==> flow/design.v <==
module u_addsub (i_clk, RST, enable, x, y, d);
  parameter DW = 80;
  input i_clk;
  input RST;
  input enable;
  input [DW-1:0] x;
  input [DW-1:0] y;
  output [DW-1:0] d;
  reg [DW-1:0] x_r;
  reg [DW-1:0] y_r;
  wire [DW:0] r;
  assign r = x_r - y_r;
  assign d = r[DW] ? {DW{1'b0}} : r[DW-1:0];
  always @(posedge i_clk or posedge RST) begin
    if (RST) begin
      x_r <= 0;
      y_r <= 0;
    end else if (enable) begin
      x_r <= x;
      y_r <= y;
    end
  end
endmodule
---- Step by step through the tools: u_addsub ----
The steps from the RTL of u_addsub to its reports follow in flow order.
Lines are those of the file above, counted from 1.
Operators carry their Yosys type and port widths (W data, S select, Z words).
A cell with - has no value.
inputs
  top ..................................... u_addsub
  clock input ............................. i_clk
  library ................................. sky130hd
  timing corner ........................... tt_025C_1v80

---- Word level ----
Counts by Yosys on the flattened word-level netlist (proc, flatten, opt, wreduce; memories kept). Register bits leave out memories and registers merged into their read ports (data or address); mux counts leave out enables and synchronous resets folded into registers. Print and check cells are left out. Cells with the same type and inputs are merged into one.
cells by class
  $add $sub $neg .......................... 1
  muxes and demuxes ....................... 1
operators by type and width
  cell              number
  $sub A80 B80 Y81  1
  $mux W80          1
bit counts
  flip-flop bits (word level) ............. 160
  bits of input ports ..................... 163
  elaborated cells ........................ 4

---- Longest topological paths ----
Yosys ltp: most cells in a row. Word level: on the elaborated netlist, between registers, memories and ports. Mapped: between sequential cells and ports; inverters and the memories' decode and read muxes count.
logic depth
  depth in word-level cells ............... 2
  ABC_AREA ................................ 1
  gate-level depth with buffers ........... 17
  gate-level depth less buffers ........... 17

---- Netlist ----
Yosys stat after the flow's synthesis: flattened, memories mapped to cells. It holds for the ABC_AREA given above (unset counts as 0); a run with the other value may have another netlist.
Totals and module areas in this step are rounded.
mapped netlist
  mapped cells ............................ 2108
  mapped area ............................. 0.0135 mm2
  sequential part of the area ............. 0.004 mm2
  mapped flip-flops ....................... 160
  buffers ................................. 34
cell types
  cell type                  number  total area (um2)
  sky130_fd_sc_hd__dfrtp_1   160     4003.84
  sky130_fd_sc_hd__nand2_1   731     2.74E+03
  sky130_fd_sc_hd__inv_1     413     1.55E+03
  sky130_fd_sc_hd__ha_1      80      1000.96
  sky130_fd_sc_hd__nor2_1    250     938.4
  sky130_fd_sc_hd__mux2_2    80      900.864
  sky130_fd_sc_hd__o21ai_0   108     540.518
  sky130_fd_sc_hd__a21oi_1   76      380.365
  sky130_fd_sc_hd__xnor2_1   39      341.578
  sky130_fd_sc_hd__nand3b_1  24      180.173
  sky130_fd_sc_hd__nand3_1   35      175.168
  sky130_fd_sc_hd__buf_6     8       90.086
  sky130_fd_sc_hd__clkbuf_1  24      90.086
  sky130_fd_sc_hd__nor2_2    13      81.328
  sky130_fd_sc_hd__nor3_1    14      70.067
  sky130_fd_sc_hd__xor2_1    8       70.067
  sky130_fd_sc_hd__o21bai_1  8       60.058
  sky130_fd_sc_hd__a31oi_1   7       43.792
Other cell types: 16; their cells: 30.

---- Worst setup path after synthesis ----
Source: OpenSTA report_checks on the synthesized netlist (no wires, ideal clock, input and output delay 20% of the period each), path of least setup slack; recovery checks are left aside. Register names are those of the netlist, which keeps one name where synthesis merged equal registers.
timing after synthesis
  kind .................................... register -> output
  from .................................... reg x_r[0]
  to ...................................... out d[0]
  clock period ............................ 4.55 ns
  time at the first pin ................... 0.000 ns
  data arrival time ....................... 2.229 ns
  setup slack ............................. 1.411 ns
  path delay .............................. 2.229 ns
  stages on the path ...................... 16
  path buffers ............................ 1
  synthesis period reached ................ 3.139 ns
"path delay" is the arrival time less input delay plus setup time.
A path that ends at an output port has no setup time.
"stages on the path" counts driving pins, that of a launching flip-flop among them; a cell with two outputs on the path counts twice.
"synthesis period reached" = period - worst setup slack (recovery checks aside). The figure is calculated, with input and output delays left at 20% of the set period.
The rows between start and end are the longest chain of elaborated cells between them; the timing report does not say that the signal goes this way. Where chains are equally long, one stands for them.
Each line given opens the expression or statement behind the cell; cells for indexed reads and writes are added by Yosys, which also makes memories of some case tables.
between the ends, after synthesis
  cell sequence ........................... sky130_fd_sc_hd__dfrtp_1 sky130_fd_sc_hd__inv_1 sky130_fd_sc_hd__ha_1 sky130_fd_sc_hd__inv_1 sky130_fd_sc_hd__fa_1 sky130_fd_sc_hd__nand3_1 sky130_fd_sc_hd__nand3_2 sky130_fd_sc_hd__nand2_1 sky130_fd_sc_hd__nand2_1 sky130_fd_sc_hd__nand2_1 sky130_fd_sc_hd__nand3_2 sky130_fd_sc_hd__nand2_1 sky130_fd_sc_hd__nand3_2 sky130_fd_sc_hd__a21oi_4 sky130_fd_sc_hd__buf_6 sky130_fd_sc_hd__nor2_2
  length of the longest elaborated chain .. 2
  elaborated cells between the ends (all ways) .. 2
  source lines of those cells ............. 2
RTL lines, path after synthesis
  item              line  RTL
  from (decl)       9     reg [DW-1:0] x_r;
  from (assign)     16    x_r <= 0;
  from (assign)     19    x_r <= x;
  $sub A80 B80 Y81  12    assign r = x_r - y_r;
  $mux W80          13    assign d = r[DW] ? {DW{1'b0}} : r[DW-1:0];
  to (decl)         8     output [DW-1:0] d;

---- Path in the finished layout ----
Path of least setup slack in the final report of flow run A (OpenROAD, finished layout, wires in). Where an end is a register, its clock arrival counts in the times.
timing post-layout
  kind .................................... register -> output
  from .................................... reg x_r[0]
  to ...................................... out d[5]
  clock period ............................ 3.43 ns
  time at the first pin ................... 0.45 ns
  data arrival time ....................... 3.04 ns
  setup slack ............................. -0.30 ns
  stages on the path ...................... 21
  path buffers ............................ 6
The rows between start and end are the longest chain of elaborated cells between them; the timing report does not say that the signal goes this way. Where chains are equally long, one stands for them.
between the ends, post-layout
  cell sequence ........................... sky130_fd_sc_hd__dfrtp_1 sky130_fd_sc_hd__inv_2 sky130_fd_sc_hd__ha_4 sky130_fd_sc_hd__inv_4 sky130_fd_sc_hd__fa_2 sky130_fd_sc_hd__nand3_2 sky130_fd_sc_hd__nand3_4 sky130_fd_sc_hd__nand2_4 sky130_fd_sc_hd__nand2_4 sky130_fd_sc_hd__nand2_4 sky130_fd_sc_hd__nand3_4 sky130_fd_sc_hd__nand2_4 sky130_fd_sc_hd__nand3_4 sky130_fd_sc_hd__a21oi_4 sky130_fd_sc_hd__buf_6 sky130_fd_sc_hd__buf_12 sky130_fd_sc_hd__buf_12 sky130_fd_sc_hd__buf_12 sky130_fd_sc_hd__buf_8 sky130_fd_sc_hd__nor2_4 sky130_fd_sc_hd__buf_6
  length of the longest elaborated chain .. 2
  elaborated cells between the ends (all ways) .. 2
  source lines of those cells ............. 2
RTL lines, path post-layout
  item              line  RTL
  from (decl)       9     reg [DW-1:0] x_r;
  from (assign)     16    x_r <= 0;
  from (assign)     19    x_r <= x;
  $sub A80 B80 Y81  12    assign r = x_r - y_r;
  $mux W80          13    assign d = r[DW] ? {DW{1'b0}} : r[DW-1:0];
  to (decl)         8     output [DW-1:0] d;

Memo
Re: implementation data of u_addsub

Measured data: module u_addsub, platform sky130hd, 3 stored runs of the flow under differing settings, order arbitrary. Input and output delays are each 20% of the period that was set; the output load is 0.01 pF.
"achieved clock period" means the clock period less the worst setup slack. The figure is calculated, with input and output delays left at 20% of the set period.
"critical setup path time": the worst setup path's part of the clock period (all of it between registers, 20% less for each end at a port) less its slack. A launch clock that arrives late makes it longer, a capture clock that arrives late makes it shorter.
"overall power": no workload was simulated; the value follows from the tool's default switching activity.
Measured values are rounded.

---- flow run A ----
settings
  period_ns = 3.43
  CORE_UTILIZATION = 42
  SETUP_SLACK_MARGIN = 0.73
  PLACE_DENSITY = 0.83
  CORE_MARGIN = 10
  CELL_PAD_IN_SITES_GLOBAL_PLACEMENT = 1
  ABC_AREA = 1
  GPL_TIMING_DRIVEN = 1
  GPL_ROUTABILITY_DRIVEN = 0
  CAP_MARGIN = 40
  SLEW_MARGIN = 20
results
  achieved clock period ................... 3.730 ns
  std-cell area (final layout) ............ 0.0205 mm2
  setup slack of the worst path ........... -0.300 ns
  overall power ........................... 9.76 mW
  critical setup path time ................ 3.04 ns
  critical path type ...................... register -> output
  mapped cell area after synthesis ........ 0.0135 mm2
  setup TNS ............................... -14.1 ns
  smallest hold slack ..................... 0.519 ns
  utilization after layout ................ 64.7%
  die outline area ........................ 0.0397 mm2

---- flow run B ----
settings
  period_ns = 4.55
  CAP_MARGIN = 20
  CORE_MARGIN = 2
  CORE_UTILIZATION = 40
  SLEW_MARGIN = 20
results
  achieved clock period ................... 4.637 ns
  std-cell area (final layout) ............ 0.0164 mm2
  setup slack of the worst path ........... -0.087 ns
  overall power ........................... 6.43 mW
  critical setup path time ................ 3.73 ns
  critical path type ...................... register -> output
  mapped cell area after synthesis ........ 0.0117 mm2
  setup TNS ............................... -1.24 ns
  smallest hold slack ..................... 0.519 ns
  utilization after layout ................ 56.9%
  die outline area ........................ 0.0307 mm2

---- flow run C ----
settings
  period_ns = 3.12
  CORE_UTILIZATION = 22
  SETUP_SLACK_MARGIN = 0.3
  CORE_ASPECT_RATIO = 0.67
  CORE_MARGIN = 7
  CELL_PAD_IN_SITES_DETAIL_PLACEMENT = 2
  ABC_AREA = 1
  CTS_CLUSTER_SIZE = 12
  CAP_MARGIN = 20
  SLEW_MARGIN = 20
results
  achieved clock period ................... 4.145 ns
  std-cell area (final layout) ............ 0.0224 mm2
  setup slack of the worst path ........... -1.02 ns
  overall power ........................... 13.1 mW
  critical setup path time ................ 3.52 ns
  critical path type ...................... register -> output
  mapped cell area after synthesis ........ 0.0135 mm2
  setup TNS ............................... -74.1 ns
  smallest hold slack ..................... 0.524 ns
  utilization after layout ................ 36.9%
  die outline area ........................ 0.0687 mm2
